==> flow/design.v <==
module my_summer_rtl #(
   parameter integer BITS = 128
) (
   input logic clock,
   input logic srst,
   input logic [BITS-1:0] in_dataa,
   input logic [BITS-1:0] in_datab,
   input logic in_carry_in,
   output logic [BITS-1:0] out_s,
   output logic out_ovf
);
   logic [BITS-1:0] dataa_reg;
   logic [BITS-1:0] datab_reg;
   logic carry_in_reg;
   logic [BITS-1:0] tmp;
   logic [BITS:0] c;
   assign c[0] = carry_in_reg;
   for (genvar gi = 0; gi < BITS; gi++) begin : row
      assign tmp[gi] = dataa_reg[gi] ^ datab_reg[gi] ^ c[gi];
      assign c[gi+1] = (dataa_reg[gi] & datab_reg[gi]) | (c[gi] & (dataa_reg[gi] ^ datab_reg[gi]));
   end
   assign out_s = tmp;
   assign out_ovf = c[BITS];
   always_ff @(posedge clock or posedge srst) begin
      if (srst) begin
         dataa_reg <= 0;
         datab_reg <= 0;
         carry_in_reg <= 1'b0;
      end else begin
         dataa_reg <= in_dataa;
         datab_reg <= in_datab;
         carry_in_reg <= in_carry_in;
      end
   end
endmodule
======== From RTL to reports: my_summer_rtl ========
Tool output for the design above, in the order of the flow.
Lines are those of the file above, counted from 1.
Operators carry their Yosys type and port widths (W data, S select, Z words).
Cell names lack the library's common part.
A cell with - has no value.
design
  top module .............................. my_summer_rtl
  clock port .............................. clock
  library ................................. sky130hd
  corner .................................. tt_025C_1v80

======== After elaboration ========
Counts by Yosys on the flattened word-level netlist (proc, flatten, opt, wreduce; memories kept). Register bits leave out memories and registers merged into their read ports (data or address); mux counts leave out enables and synchronous resets folded into registers. Print and check cells are left out. Cells with the same type and inputs are merged into one.
cells by class
  bitwise operators ....................... 640
operators by type and width
  kind           count
  $and A1 B1 Y1  256
  $xor A1 B1 Y1  256
  $or A1 B1 Y1   128
storage and ports
  word-level cells ........................ 643
  flip-flop bits (word level) ............. 257
  input bits .............................. 259

======== Logic depth ========
Yosys ltp: most cells in a row. Word level: on the elaborated netlist, between registers, memories and ports. Mapped: between sequential cells and ports; inverters and the memories' decode and read muxes count.
logic depth
  word-level depth ........................ 257
  ABC_AREA ................................ 0
  gate-level depth with buffers ........... 132

======== Netlist ========
The flow's flattened synthesis, as Yosys stat reports it; memories are mapped. The netlist is that of the ABC_AREA named above (0 if unset); the other value can give another one.
cells by type
  cell type  count
  dfrtp_1    257
  fa_1       128
  inv_1      11
synthesis totals
  buffer cells ............................ 0
  flip-flop cells ......................... 257
  cells in the netlist .................... 396
  cell area after synthesis ............... 9034.9 µm²

======== Timing after synthesis ========
OpenSTA on the mapped netlist: ideal clock, no wires. The path of least setup slack (recovery checks aside). Input and output delay are each 20% of the period. Register names are those of the netlist, which keeps one name where synthesis merged equal registers.
timing path after synthesis
  path kind ............................... reg2out
  from .................................... reg dataa_reg[0]
  to ...................................... out out_s[127]
  period .................................. 76.6 ns
  slack ................................... 12.271 ns
  external output delay ................... 15.320 ns
  required time ........................... 61.280 ns
  path delay .............................. 49.009 ns
  driving pins on the path ................ 133
  arrival ................................. 49.009 ns
  synthesis period reached ................ 64.329 ns
"path delay" is the arrival time less input delay plus setup time.
A path that ends at an output port has no setup time.
"driving pins on the path": output pins that drive a net of the path, with the launching flip-flop's if there is one; two outputs of one cell count as two.
"synthesis period reached" is the clock period less the worst setup slack; recovery checks do not enter. This is arithmetic on one report: input and output delays are still those of the set period (20% each).
Between the ends stands the longest chain of elaborated cells between them, by number of cells; it is not shown to be the way that was timed. Of several equally long chains one is given.
Each line given opens the expression or statement behind the cell; cells for indexed reads and writes are added by Yosys, which also makes memories of some case tables.
on the way, after synthesis
  path through ............................ dfrtp_1 > fa_1 > fa_1 > fa_1 > fa_1 > fa_1 > fa_1 > fa_1 > fa_1 > fa_1 > fa_1 > fa_1 > fa_1 > fa_1 > fa_1 > fa_1 > fa_1 > fa_1 > (+97 left out) > fa_1 > fa_1 > fa_1 > fa_1 > fa_1 > fa_1 > fa_1 > fa_1 > fa_1 > fa_1 > fa_1 > inv_1 > fa_1 > inv_1 > fa_1 > inv_1 > fa_1 > inv_1
  length of the longest elaborated chain .. 256
  elaborated cells between the ends (all ways) .. 257
RTL lines, path after synthesis
  element          line  text
  from (decl)      12    logic [BITS-1:0] dataa_reg;
  from (assign)    26    dataa_reg <= 0;
  from (assign)    30    dataa_reg <= in_dataa;
  $xor A1 B1 Y1    20    assign c[gi+1] = (dataa_reg[gi] & datab_reg[gi]) | (c[gi] & (dataa_reg[gi] ^ datab_reg[gi]));
  $and A1 B1 Y1    20
  $or A1 B1 Y1     20
  $and A1 B1 Y1    20
  $or A1 B1 Y1     20
  $and A1 B1 Y1    20
  $or A1 B1 Y1     20
  (+242 left out)  -
  $and A1 B1 Y1    20
  $or A1 B1 Y1     20
  $and A1 B1 Y1    20
  $or A1 B1 Y1     20
  $and A1 B1 Y1    20
  $or A1 B1 Y1     20
  $xor A1 B1 Y1    19    assign tmp[gi] = dataa_reg[gi] ^ datab_reg[gi] ^ c[gi];
  to (decl)        9     output logic [BITS-1:0] out_s,

======== Path in the finished layout ========
Path of least setup slack in the final report of flow run B (OpenROAD, finished layout, wires in). Where an end is a register, its clock arrival counts in the times.
timing path post-layout
  path kind ............................... reg2out
  from .................................... reg dataa_reg[0]
  to ...................................... out out_s[127]
  driving pins on the path ................ 134
  slack ................................... 8.92 ns
  required time ........................... 61.28 ns
  period .................................. 76.6 ns
  external output delay ................... 15.32 ns
  arrival ................................. 52.36 ns
Between the ends stands the longest chain of elaborated cells between them, by number of cells; it is not shown to be the way that was timed. Of several equally long chains one is given.
on the way, post-layout
  path through ............................ dfrtp_1 > fa_1 > fa_1 > fa_1 > fa_1 > fa_1 > fa_1 > fa_1 > fa_1 > fa_1 > fa_1 > fa_1 > fa_1 > fa_1 > fa_1 > fa_1 > fa_1 > fa_1 > (+98 left out) > fa_1 > fa_1 > fa_1 > fa_1 > fa_1 > fa_1 > fa_1 > fa_1 > fa_1 > fa_1 > inv_1 > fa_1 > inv_1 > fa_1 > inv_1 > fa_1 > inv_1 > clkdlybuf4s50_1
  length of the longest elaborated chain .. 256
  elaborated cells between the ends (all ways) .. 257
RTL lines, path post-layout
  element          line  text
  from (decl)      12    logic [BITS-1:0] dataa_reg;
  from (assign)    26    dataa_reg <= 0;
  from (assign)    30    dataa_reg <= in_dataa;
  $xor A1 B1 Y1    20    assign c[gi+1] = (dataa_reg[gi] & datab_reg[gi]) | (c[gi] & (dataa_reg[gi] ^ datab_reg[gi]));
  $and A1 B1 Y1    20
  $or A1 B1 Y1     20
  $and A1 B1 Y1    20
  $or A1 B1 Y1     20
  $and A1 B1 Y1    20
  $or A1 B1 Y1     20
  (+242 left out)  -
  $and A1 B1 Y1    20
  $or A1 B1 Y1     20
  $and A1 B1 Y1    20
  $or A1 B1 Y1     20
  $and A1 B1 Y1    20
  $or A1 B1 Y1     20
  $xor A1 B1 Y1    19    assign tmp[gi] = dataa_reg[gi] ^ datab_reg[gi] ^ c[gi];
  to (decl)        9     output logic [BITS-1:0] out_s,

Hand-over note for my_summer_rtl

Below are 3 stored runs of the flow (Yosys, OpenROAD; platform sky130hd) on my_summer_rtl, each with its settings and what was measured, unordered. Constraints: input delay and output delay 20% of the set period each, output load 0.01 pF.
"worst setup path time (ns)" = time allowed to the worst setup path (clock period - input delay - output delay, where it has them) - its slack; a late launch clock adds to it, a late capture clock takes from it.
"finish__power__total" is the tool's figure for a default switching activity; nothing was simulated.

Flow files of flow run A
==> flow/run.sh <==
#!/bin/bash
# the make line also repeats the synthesis and layout settings of config.mk as NAME=value (left out here)
make -C /OpenROAD-flow-scripts/flow DESIGN_CONFIG=/design/flow/config.mk WORK_HOME=/design/flow/orfs CLKGATE_MAP_FILE= finish
==> flow/config.mk <==
export PLATFORM = sky130hd
export DESIGN_NAME = my_summer_rtl
export DESIGN_NICKNAME = my_summer_rtl
export VERILOG_FILES = /design/flow/design.v
export SDC_FILE = /design/flow/constraint.sdc
export NUM_CORES = 4
export LEC_CHECK = 0
export ABC_AREA = 0
export CAP_MARGIN = 35
export CELL_PAD_IN_SITES_DETAIL_PLACEMENT = 1
export CORE_ASPECT_RATIO = 0.96
export CORE_MARGIN = 3
export CORE_UTILIZATION = 58
export GPL_TIMING_DRIVEN = 1
export PLACE_DENSITY_LB_ADDON = 0.06
export SETUP_SLACK_MARGIN = 3.41
export SLEW_MARGIN = 40
==> flow/constraint.sdc <==
create_clock -name core_clock -period 111.0 [get_ports {clock}]
set_input_delay 22.2000 -clock core_clock [delete_from_list [all_inputs] [get_ports {clock}]]
set_output_delay 22.2000 -clock core_clock [all_outputs]
set_load 0.01 [all_outputs]

report of flow run A: did not finish, place, tool error

Flow files of flow run B
==> flow/run.sh <==
#!/bin/bash
# the make line also repeats the synthesis and layout settings of config.mk as NAME=value (left out here)
make -C /OpenROAD-flow-scripts/flow DESIGN_CONFIG=/design/flow/config.mk WORK_HOME=/design/flow/orfs CLKGATE_MAP_FILE= finish
==> flow/config.mk <==
export PLATFORM = sky130hd
export DESIGN_NAME = my_summer_rtl
export DESIGN_NICKNAME = my_summer_rtl
export VERILOG_FILES = /design/flow/design.v
export SDC_FILE = /design/flow/constraint.sdc
export NUM_CORES = 4
export LEC_CHECK = 0
export CAP_MARGIN = 20
export CORE_MARGIN = 2
export CORE_UTILIZATION = 40
export SLEW_MARGIN = 20
==> flow/constraint.sdc <==
create_clock -name core_clock -period 76.6 [get_ports {clock}]
set_input_delay 15.3200 -clock core_clock [delete_from_list [all_inputs] [get_ports {clock}]]
set_output_delay 15.3200 -clock core_clock [all_outputs]
set_load 0.01 [all_outputs]

report of flow run B
yosys chip area after synthesis (um^2): 9034.9
finish__design__die__area: 23805.4
finish__design__instance__utilization: 0.6504
finish__timing__setup__ws: 8.924
finish__power__total: 3.613e-04
worst setup path time (ns): 52.36
worst setup path kind: reg2out

Flow files of flow run C
==> flow/run.sh <==
#!/bin/bash
# the make line also repeats the synthesis and layout settings of config.mk as NAME=value (left out here)
make -C /OpenROAD-flow-scripts/flow DESIGN_CONFIG=/design/flow/config.mk WORK_HOME=/design/flow/orfs CLKGATE_MAP_FILE= finish
==> flow/config.mk <==
export PLATFORM = sky130hd
export DESIGN_NAME = my_summer_rtl
export DESIGN_NICKNAME = my_summer_rtl
export VERILOG_FILES = /design/flow/design.v
export SDC_FILE = /design/flow/constraint.sdc
export NUM_CORES = 4
export LEC_CHECK = 0
export CAP_MARGIN = 20
export CELL_PAD_IN_SITES_DETAIL_PLACEMENT = 0
export CORE_ASPECT_RATIO = 0.73
export CORE_MARGIN = 2
export CORE_UTILIZATION = 34
export CTS_CLUSTER_DIAMETER = 124
export CTS_CLUSTER_SIZE = 65
export GPL_TIMING_DRIVEN = 1
export MAX_ROUTING_LAYER = met5
export MIN_ROUTING_LAYER = met1
export PLACE_DENSITY = 0.35
export SLEW_MARGIN = 20
==> flow/constraint.sdc <==
create_clock -name core_clock -period 75.6 [get_ports {clock}]
set_input_delay 15.1200 -clock core_clock [delete_from_list [all_inputs] [get_ports {clock}]]
set_output_delay 15.1200 -clock core_clock [all_outputs]
set_load 0.01 [all_outputs]

report of flow run C
yosys chip area after synthesis (um^2): 9034.9
finish__design__die__area: 27909.5
finish__design__instance__utilization: 0.5233
finish__timing__setup__ws: 8.077
finish__power__total: 2.724e-04
worst setup path time (ns): 52.40
worst setup path kind: reg2out

End of note.
